==> flow/design.v <==
module core_summer_mod #(
   parameter integer DWIDTH = 12,
   parameter integer LANES = 16,
   parameter integer OUT_W = DWIDTH + $clog2(LANES)
) (
   input wire ck,
   input wire RST,
   input wire adv,
   input wire [LANES*DWIDTH-1:0] bus,
   output reg [OUT_W-1:0] s
);
   reg [OUT_W-1:0] val;
   integer t;
   always @(*) begin
      val = 0;
      for (t = 0; t < LANES; t = t + 1)
         val = val + bus[t*DWIDTH +: DWIDTH];
   end
   always @(posedge ck) begin
      if (RST) begin
         s <= 0;
      end else if (adv) begin
         s <= val;
      end
   end
endmodule
* Tool chain data of core_summer_mod
Tool output for the design above, in the order of the flow.
Lines are those of the file above, counted from 1.
Operators carry their Yosys type and port widths (W data, S select, Z words).
Not given: --
- Design top :: core_summer_mod
- Clock input :: ck
- Cell library :: sky130hd
- Corner :: tt_025C_1v80

* Word-level counts
Yosys after proc, flatten, opt, wreduce and memory -nomap, before mapping. Enables and synchronous resets that opt folds into registers are not counted as muxes. Memory bits, and registers merged into a memory's read port (data or address), are not among the register bits. Print and check cells are not counted. Equal cells are merged and count once.
- Register bits :: 16
- Output and inout bits :: 16
- Cells after elaboration :: 16
- $add $sub $neg :: 15
** Operator list (number)
- $add A16 B12 Y16 :: 11
- $add A15 B12 Y16 :: 1
- $add A14 B12 Y15 :: 1
- $add A13 B12 Y14 :: 1
- $add A12 B12 Y13 :: 1

* Depth
Longest topological path by Yosys (ltp), each cell counted once; first at word level (registers and memories cut), then after technology mapping (sequential cells cut; the memories' decode and read muxes count).
- Word-level depth :: 15
- ABC_AREA :: 0
- Depth in mapped cells :: 21

* After synthesis
Yosys stat after the flow's synthesis: flattened, memories mapped to cells. It holds for the ABC_AREA given above (unset counts as 0); a run with the other value may have another netlist.
- Standard cells after synthesis :: 564
- Cell area after synthesis :: 5509.0 um2
- Flip-flops :: 16
- Buffer cells :: 2
** Cells by type
- sky130_fd_sc_hd__fa_1 :: number 164, total area 3.28E+03 um2
- sky130_fd_sc_hd__inv_1 :: number 265, total area 994.704 um2
- sky130_fd_sc_hd__dfxtp_1 :: number 16, total area 320.307 um2
- sky130_fd_sc_hd__ha_1 :: number 25, total area 312.8 um2
- sky130_fd_sc_hd__mux2i_1 :: number 8, total area 80.077 um2
- sky130_fd_sc_hd__nor2_1 :: number 16, total area 60.058 um2
- sky130_fd_sc_hd__a21oi_1 :: number 11, total area 55.053 um2
- sky130_fd_sc_hd__nand2b_1 :: number 7, total area 43.792 um2
- sky130_fd_sc_hd__xnor2_1 :: number 5, total area 43.792 um2
- sky130_fd_sc_hd__xor2_1 :: number 5, total area 43.792 um2
- sky130_fd_sc_hd__nand2_1 :: number 7, total area 26.275 um2
- sky130_fd_sc_hd__o21ai_0 :: number 4, total area 20.019 um2
- sky130_fd_sc_hd__o22ai_1 :: number 3, total area 18.768 um2
- sky130_fd_sc_hd__o311ai_2 :: number 1, total area 16.266 um2
- sky130_fd_sc_hd__a21o_1 :: number 2, total area 15.014 um2
- sky130_fd_sc_hd__nand3_1 :: number 3, total area 15.014 um2
- sky130_fd_sc_hd__o211ai_1 :: number 2, total area 15.014 um2
- sky130_fd_sc_hd__o21a_1 :: number 2, total area 15.014 um2
Not listed: further types 18, cells in them 18.

* Timing after synthesis
OpenSTA on the mapped netlist: ideal clock, no wires. The path of least setup slack (recovery checks aside). Input and output delay are each 20% of the period. Register names are those of the netlist, which keeps one name where synthesis merged equal registers.
- Path type :: in2reg
- Start :: input port bus[146]
- End :: register s[14]
- Clock period :: 7380 ps
- External input delay :: 1476 ps
- Data arrival time :: 6075 ps
- Required time :: 7258 ps
- Setup slack :: 1183 ps
- Delay of the path :: 4721 ps
- Driving pins on the path :: 19
- Synthesis period reached :: 6197 ps
"delay of the path" = arrival - input delay + setup time.
"driving pins on the path" counts driving pins, that of a launching flip-flop among them; a cell with two outputs on the path counts twice.
"synthesis period reached" is the clock period less the worst setup slack; recovery checks do not enter. This is arithmetic on one report: input and output delays are still those of the set period (20% each).
Between the ends stands the longest chain of elaborated cells between them, by number of cells; it is not shown to be the way that was timed. Of several equally long chains one is given.
A line is the first line of the expression or statement that the cell stems from. Yosys adds cells for indexed reads and writes and turns some case tables into memories.
- Cells stage by stage :: sky130_fd_sc_hd__inv_1 -> sky130_fd_sc_hd__fa_1 -> sky130_fd_sc_hd__fa_1 -> sky130_fd_sc_hd__inv_1 -> sky130_fd_sc_hd__fa_1 -> sky130_fd_sc_hd__fa_1 -> sky130_fd_sc_hd__inv_1 -> sky130_fd_sc_hd__fa_1 -> sky130_fd_sc_hd__fa_1 -> sky130_fd_sc_hd__inv_1 -> sky130_fd_sc_hd__ha_1 -> sky130_fd_sc_hd__inv_1 -> sky130_fd_sc_hd__fa_1 -> sky130_fd_sc_hd__nand2b_1 -> sky130_fd_sc_hd__a21oi_2 -> sky130_fd_sc_hd__nor2_1 -> sky130_fd_sc_hd__o311ai_2 -> sky130_fd_sc_hd__xnor2_1 -> sky130_fd_sc_hd__o21ai_1
- Length of the longest elaborated chain :: 4
- Elaborated cells between the ends (all ways) :: 4
** Ends and longest elaborated chain, after synthesis
- from (decl) :: RTL line 9 : input wire [LANES*DWIDTH-1:0] bus,
- $add A16 B12 Y16 (4 in a row) :: RTL line 17 : val = val + bus[t*DWIDTH +: DWIDTH];
- to (assign) :: RTL line 21 : s <= 0;
- to (assign) :: RTL line 23 : s <= val;
- to (decl) :: RTL line 10 : output reg [OUT_W-1:0] s

* Timing after layout
From the final timing report of job 1: the path of least setup slack in the routed layout; clock arrival at registers is part of the times.
The path's times are printed in steps of 10 ps; the period is the one set.
- Path type :: in2reg
- Start :: input port bus[146]
- End :: register s[12]
- Clock period :: 7380 ps
- External input delay :: 1480 ps
- Data arrival time :: 6880 ps
- Required time :: 7540 ps
- Setup slack :: 650 ps
- Driving pins on the path :: 20
Between the ends stands the longest chain of elaborated cells between them, by number of cells; it is not shown to be the way that was timed. Of several equally long chains one is given.
- Cells stage by stage :: sky130_fd_sc_hd__clkdlybuf4s50_1 -> sky130_fd_sc_hd__inv_1 -> sky130_fd_sc_hd__fa_1 -> sky130_fd_sc_hd__fa_1 -> sky130_fd_sc_hd__inv_1 -> sky130_fd_sc_hd__fa_1 -> sky130_fd_sc_hd__fa_1 -> sky130_fd_sc_hd__inv_1 -> sky130_fd_sc_hd__fa_1 -> sky130_fd_sc_hd__fa_1 -> sky130_fd_sc_hd__inv_1 -> sky130_fd_sc_hd__ha_1 -> sky130_fd_sc_hd__inv_1 -> sky130_fd_sc_hd__fa_1 -> sky130_fd_sc_hd__nand2b_1 -> sky130_fd_sc_hd__a21oi_2 -> sky130_fd_sc_hd__o211ai_1 -> sky130_fd_sc_hd__a21oi_1 -> sky130_fd_sc_hd__nor3_1 -> sky130_fd_sc_hd__o31ai_1
- Length of the longest elaborated chain :: 4
- Elaborated cells between the ends (all ways) :: 4
** Ends and longest elaborated chain, after layout
- from (decl) :: RTL line 9 : input wire [LANES*DWIDTH-1:0] bus,
- $add A16 B12 Y16 (4 in a row) :: RTL line 17 : val = val + bus[t*DWIDTH +: DWIDTH];
- to (assign) :: RTL line 21 : s <= 0;
- to (assign) :: RTL line 23 : s <= val;
- to (decl) :: RTL line 10 : output reg [OUT_W-1:0] s

Wiki page: core_summer_mod / flow data

Measured results for core_summer_mod: 3 stored runs of the Yosys and OpenROAD flow on sky130hd. The settings differ; the order carries no meaning. The constraints put input and output delay at 20% of the set period each and load the outputs with 0.01 pF.
"clock period achieved" = clock period - worst setup slack. The figure is calculated, with input and output delays left at 20% of the set period.
"worst path time" means the part of the period allowed to the worst setup path (the constraints hold back 20% at inputs and 20% at outputs) less its slack; where the path has registers, the arrival times of their clocks count too.
"worst path time" is given in steps of 10 ps.

** Job 1
- Settings :: period_ns=7.38; CAP_MARGIN=20; CORE_MARGIN=2; CORE_UTILIZATION=40; SLEW_MARGIN=20
- Post-synthesis cell area :: 5,509.0 um2
- Overall die area :: 14,727.0 um2
- Post-layout utilization :: 59.3 %
- Setup slack of the worst path :: 653 ps
- Sum of negative setup slack :: 0 ps
- Post-route worst hold slack :: 454 ps
- Clock period achieved :: 6,727 ps
- Worst path time :: 5,250 ps
- Type of the worst setup path :: in2reg

** Job 2
- Settings :: period_ns=11.0; CORE_UTILIZATION=21; SETUP_SLACK_MARGIN=0.94; PLACE_DENSITY_LB_ADDON=0.02; CELL_PAD_IN_SITES_DETAIL_PLACEMENT=0; ABC_AREA=0; GPL_TIMING_DRIVEN=0; CTS_CLUSTER_SIZE=70; MAX_ROUTING_LAYER=met5; CAP_MARGIN=20; CORE_MARGIN=2; SLEW_MARGIN=20
- Post-synthesis cell area :: 5,509.0 um2
- Overall die area :: 27,544.4 um2
- Post-layout utilization :: 31.3 %
- Setup slack of the worst path :: 3,570 ps
- Sum of negative setup slack :: 0 ps
- Post-route worst hold slack :: 460 ps
- Clock period achieved :: 7,430 ps
- Worst path time :: 5,230 ps
- Type of the worst setup path :: in2reg

** Job 3
- Settings :: period_ns=5.9; CORE_UTILIZATION=62; SETUP_SLACK_MARGIN=0.73; PLACE_DENSITY_LB_ADDON=0.26; CELL_PAD_IN_SITES_GLOBAL_PLACEMENT=3; ABC_AREA=0; GPL_ROUTABILITY_DRIVEN=1; CTS_CLUSTER_SIZE=79; SLEW_MARGIN=10; MAX_ROUTING_LAYER=met4; CAP_MARGIN=20; CORE_MARGIN=2
- Outcome :: did not finish, placement stopped with FLW-0024
